==> flow/design.v <==
module gen_cmp_unit (sys_clk, aresetn, i_op_a, i_op_b, o_is_gt);
    parameter WIDTH = 112;
    input sys_clk;
    input aresetn;
    input [WIDTH-1:0] i_op_a;
    input [WIDTH-1:0] i_op_b;
    output reg o_is_gt;
    always @(posedge sys_clk or negedge aresetn) begin
        if (~aresetn) begin
            o_is_gt <= 1'b0;
        end else begin
            o_is_gt <= (i_op_a > i_op_b);
        end
    end
endmodule
### Reports on gen_cmp_unit

What the tools print for gen_cmp_unit, step after step.
Lines are those of the file above, counted from 1.
Cell names lack the library's common part.
A cell with -- has no value.

| design | value |
|---|---|
| top module | gen_cmp_unit |
| clock port | sys_clk |
| standard-cell library | sky130hd |
| library corner | tt_025C_1v80 |

### Word-level counts

Yosys after proc, flatten, opt, wreduce and memory -nomap, before mapping. Enables and synchronous resets that opt folds into registers are not counted as muxes. Memory bits, and registers merged into a memory's read port (data or address), are not among the register bits. Print and check cells are not counted. Equal cells are merged and count once.

| storage and ports | value |
|---|---|
| register bits | 1 |
| bits of input ports | 226 |
| output and inout bits | 1 |
| elaborated cells | 2 |

| cells by class | value |
|---|---|
| magnitude comparators | 1 |

Operators by type and width:

| kind | number |
|---|---|
| 112-bit greater-than comparator | 1 |

### Depth

Yosys ltp: most cells in a row. Word level: on the elaborated netlist, between registers, memories and ports. Mapped: between sequential cells and ports; inverters and the memories' decode and read muxes count.

| logic depth | value |
|---|---|
| depth in word-level cells | 1 |
| ABC_AREA | 0 |
| gate-level depth with buffers | 9 |

### Netlist

Yosys stat after the flow's synthesis: flattened, memories mapped to cells. It holds for the ABC_AREA given above (unset counts as 0); a run with the other value may have another netlist.
The area totals of this step are shown rounded.

Cells by type:

| cell type | number | area in all (um2) |
|---|---|---|
| ha_1 | 112 | 1.4E+03 |
| inv_1 | 118 | 442.925 |
| a21oi_1 | 43 | 215.206 |
| a21o_1 | 18 | 135.13 |
| nand4_1 | 19 | 118.864 |
| nand2_1 | 30 | 112.608 |
| o21ai_0 | 16 | 80.077 |
| nor4_1 | 6 | 37.536 |
| a221oi_1 | 4 | 35.034 |
| nor2_1 | 7 | 26.275 |
| dfrtp_1 | 1 | 25.024 |
| nand3_1 | 5 | 25.024 |
| nand4b_4 | 1 | 23.773 |
| a211oi_1 | 3 | 22.522 |
| or4_4 | 2 | 22.522 |
| nor4_4 | 1 | 21.27 |
| nand2b_1 | 3 | 18.768 |
| a2bb2oi_1 | 2 | 17.517 |

Not listed: further types 11, cells in them 12.

| synthesis totals | value |
|---|---|
| cells in the netlist | 403 |
| synthesis area | 2890 um2 |
| flip-flop cells | 1 |

### Worst setup path after synthesis

Path of least setup slack by OpenSTA after synthesis, without wires, with an ideal clock, recovery checks aside; 20% of the period is set as input and as output delay. Where synthesis merged equal registers, the netlist keeps one of their names.

| timing path post-synthesis | value |
|---|---|
| kind | input-to-reg |
| start | in i_op_b[109] |
| end | reg o_is_gt |
| period | 3170 ps |
| time at the first pin | 634 ps |
| arrival time | 2542 ps |
| data required time | 3046 ps |
| setup slack | 504 ps |
| delay of the path | 2032 ps |
| stages on the path | 7 |
| buffers on the path | 0 |
| period reached after synthesis | 2666 ps |

"delay of the path" is the arrival time less input delay plus setup time.
"stages on the path" counts driving pins, that of a launching flip-flop among them; a cell with two outputs on the path counts twice.
"period reached after synthesis" = period - worst setup slack (recovery checks aside). The figure is calculated, with input and output delays left at 20% of the set period.
The rows between start and end are the longest chain of elaborated cells between them; the timing report does not say that the signal goes this way. Where chains are equally long, one stands for them.
A line is the first line of the expression or statement that the cell stems from. Yosys adds cells for indexed reads and writes and turns some case tables into memories.

| between the ends, post-synthesis | value |
|---|---|
| cells stage by stage | inv_1 > ha_1 > nand4_2 > or4_4 > nand4b_4 > or4_4 > o31a_1 |
| length of the longest elaborated chain | 1 |

Ends and longest elaborated chain, post-synthesis:

| what | line | text |
|---|---|---|
| start: declaration | 6 | `input [WIDTH-1:0] i_op_b;` |
| 112-bit greater-than comparator | 12 | `o_is_gt <= (i_op_a > i_op_b);` |
| end: assignment | 10 | `o_is_gt <= 1'b0;` |
| end: assignment | 12 |  |
| end: declaration | 7 | `output reg o_is_gt;` |

### Timing after layout

From the final timing report of entry B: the path of least setup slack in the routed layout; clock arrival at registers is part of the times.
The report prints the path's times to 10 ps; the period is as set.

| timing path post-layout | value |
|---|---|
| kind | input-to-reg |
| start | in i_op_b[110] |
| end | reg o_is_gt |
| period | 3170 ps |
| time at the first pin | 630 ps |
| arrival time | 2960 ps |
| data required time | 3050 ps |
| setup slack | 80 ps |
| stages on the path | 8 |
| buffers on the path | 1 |

The rows between start and end are the longest chain of elaborated cells between them; the timing report does not say that the signal goes this way. Where chains are equally long, one stands for them.

| between the ends, post-layout | value |
|---|---|
| cells stage by stage | clkdlybuf4s50_1 > inv_1 > ha_4 > nand4_4 > or4_4 > nand4b_4 > or4_4 > o31a_1 |
| length of the longest elaborated chain | 1 |

Ends and longest elaborated chain, post-layout:

| what | line | text |
|---|---|---|
| start: declaration | 6 | `input [WIDTH-1:0] i_op_b;` |
| 112-bit greater-than comparator | 12 | `o_is_gt <= (i_op_a > i_op_b);` |
| end: assignment | 10 | `o_is_gt <= 1'b0;` |
| end: assignment | 12 |  |
| end: declaration | 7 | `output reg o_is_gt;` |

Settings and measured results of 3 stored flow runs for module gen_cmp_unit (sky130hd), not sorted in any way. The constraints put input and output delay at 20% of the set period each and load the outputs with 0.01 pF.
"achieved period" is the run's clock period less its worst setup slack. It is reckoned from that one timing run; input and output delays stay at 20% of the period that was set.
"time of the worst setup path" = time allowed to the worst setup path (clock period - input delay - output delay, where it has them) - its slack; a late launch clock adds to it, a late capture clock takes from it.
"power" rests on the timing tool's default activity at the inputs, not on a simulated workload.
"time of the worst setup path" is given in steps of 10 ps.
Results are given in rounded form.

## Entry A

==> flow/run.sh <==
#!/bin/bash
# the make line also repeats the synthesis and layout settings of config.mk as NAME=value (left out here)
make -C /OpenROAD-flow-scripts/flow DESIGN_CONFIG=/design/flow/config.mk WORK_HOME=/design/flow/orfs CLKGATE_MAP_FILE= finish
==> flow/config.mk <==
export PLATFORM = sky130hd
export DESIGN_NAME = gen_cmp_unit
export DESIGN_NICKNAME = gen_cmp_unit
export VERILOG_FILES = /design/flow/design.v
export SDC_FILE = /design/flow/constraint.sdc
export NUM_CORES = 4
export LEC_CHECK = 0
export CAP_MARGIN = 30
export CELL_PAD_IN_SITES_DETAIL_PLACEMENT = 2
export CELL_PAD_IN_SITES_GLOBAL_PLACEMENT = 0
export CORE_MARGIN = 2
export CORE_UTILIZATION = 46
export GPL_ROUTABILITY_DRIVEN = 0
export MAX_ROUTING_LAYER = met4
export PLACE_DENSITY_LB_ADDON = 0.27
export SETUP_SLACK_MARGIN = 0.23
export SLEW_MARGIN = 35
==> flow/constraint.sdc <==
create_clock -name core_clock -period 2.17 [get_ports {sys_clk}]
set_input_delay 0.4340 -clock core_clock [delete_from_list [all_inputs] [get_ports {sys_clk}]]
set_output_delay 0.4340 -clock core_clock [all_outputs]
set_load 0.01 [all_outputs]

Entry A: incomplete, placement halted on a tool error

## Entry B

==> flow/run.sh <==
#!/bin/bash
# the make line also repeats the synthesis and layout settings of config.mk as NAME=value (left out here)
make -C /OpenROAD-flow-scripts/flow DESIGN_CONFIG=/design/flow/config.mk WORK_HOME=/design/flow/orfs CLKGATE_MAP_FILE= finish
==> flow/config.mk <==
export PLATFORM = sky130hd
export DESIGN_NAME = gen_cmp_unit
export DESIGN_NICKNAME = gen_cmp_unit
export VERILOG_FILES = /design/flow/design.v
export SDC_FILE = /design/flow/constraint.sdc
export NUM_CORES = 4
export LEC_CHECK = 0
export CAP_MARGIN = 20
export CORE_MARGIN = 2
export CORE_UTILIZATION = 40
export SLEW_MARGIN = 20
==> flow/constraint.sdc <==
create_clock -name core_clock -period 3.17 [get_ports {sys_clk}]
set_input_delay 0.6340 -clock core_clock [delete_from_list [all_inputs] [get_ports {sys_clk}]]
set_output_delay 0.6340 -clock core_clock [all_outputs]
set_load 0.01 [all_outputs]

| result of entry B | value |
|---|---|
| time of the worst setup path | 2450 ps |
| type of the worst setup path | input-to-reg |
| achieved period | 3088 ps |
| mapped cell area after synthesis | 2890 um2 |
| standard-cell area after routing | 5410 um2 |
| post-route setup TNS | 0 ps |
| full die area | 7910 um2 |
| setup slack of the critical path | 82 ps |
| power | 0.639 mW |

## Entry C

==> flow/run.sh <==
#!/bin/bash
# the make line also repeats the synthesis and layout settings of config.mk as NAME=value (left out here)
make -C /OpenROAD-flow-scripts/flow DESIGN_CONFIG=/design/flow/config.mk WORK_HOME=/design/flow/orfs CLKGATE_MAP_FILE= finish
==> flow/config.mk <==
export PLATFORM = sky130hd
export DESIGN_NAME = gen_cmp_unit
export DESIGN_NICKNAME = gen_cmp_unit
export VERILOG_FILES = /design/flow/design.v
export SDC_FILE = /design/flow/constraint.sdc
export NUM_CORES = 4
export LEC_CHECK = 0
export CAP_MARGIN = 20
export CELL_PAD_IN_SITES_DETAIL_PLACEMENT = 1
export CELL_PAD_IN_SITES_GLOBAL_PLACEMENT = 0
export CORE_MARGIN = 2
export CORE_UTILIZATION = 36
export CTS_CLUSTER_SIZE = 33
export HOLD_SLACK_MARGIN = 0.14
export PLACE_DENSITY_LB_ADDON = 0.28
export SETUP_SLACK_MARGIN = 0.23
export SLEW_MARGIN = 20
==> flow/constraint.sdc <==
create_clock -name core_clock -period 1.69 [get_ports {sys_clk}]
set_input_delay 0.3380 -clock core_clock [delete_from_list [all_inputs] [get_ports {sys_clk}]]
set_output_delay 0.3380 -clock core_clock [all_outputs]
set_load 0.01 [all_outputs]

Entry C: incomplete, placement halted on DPL-0033
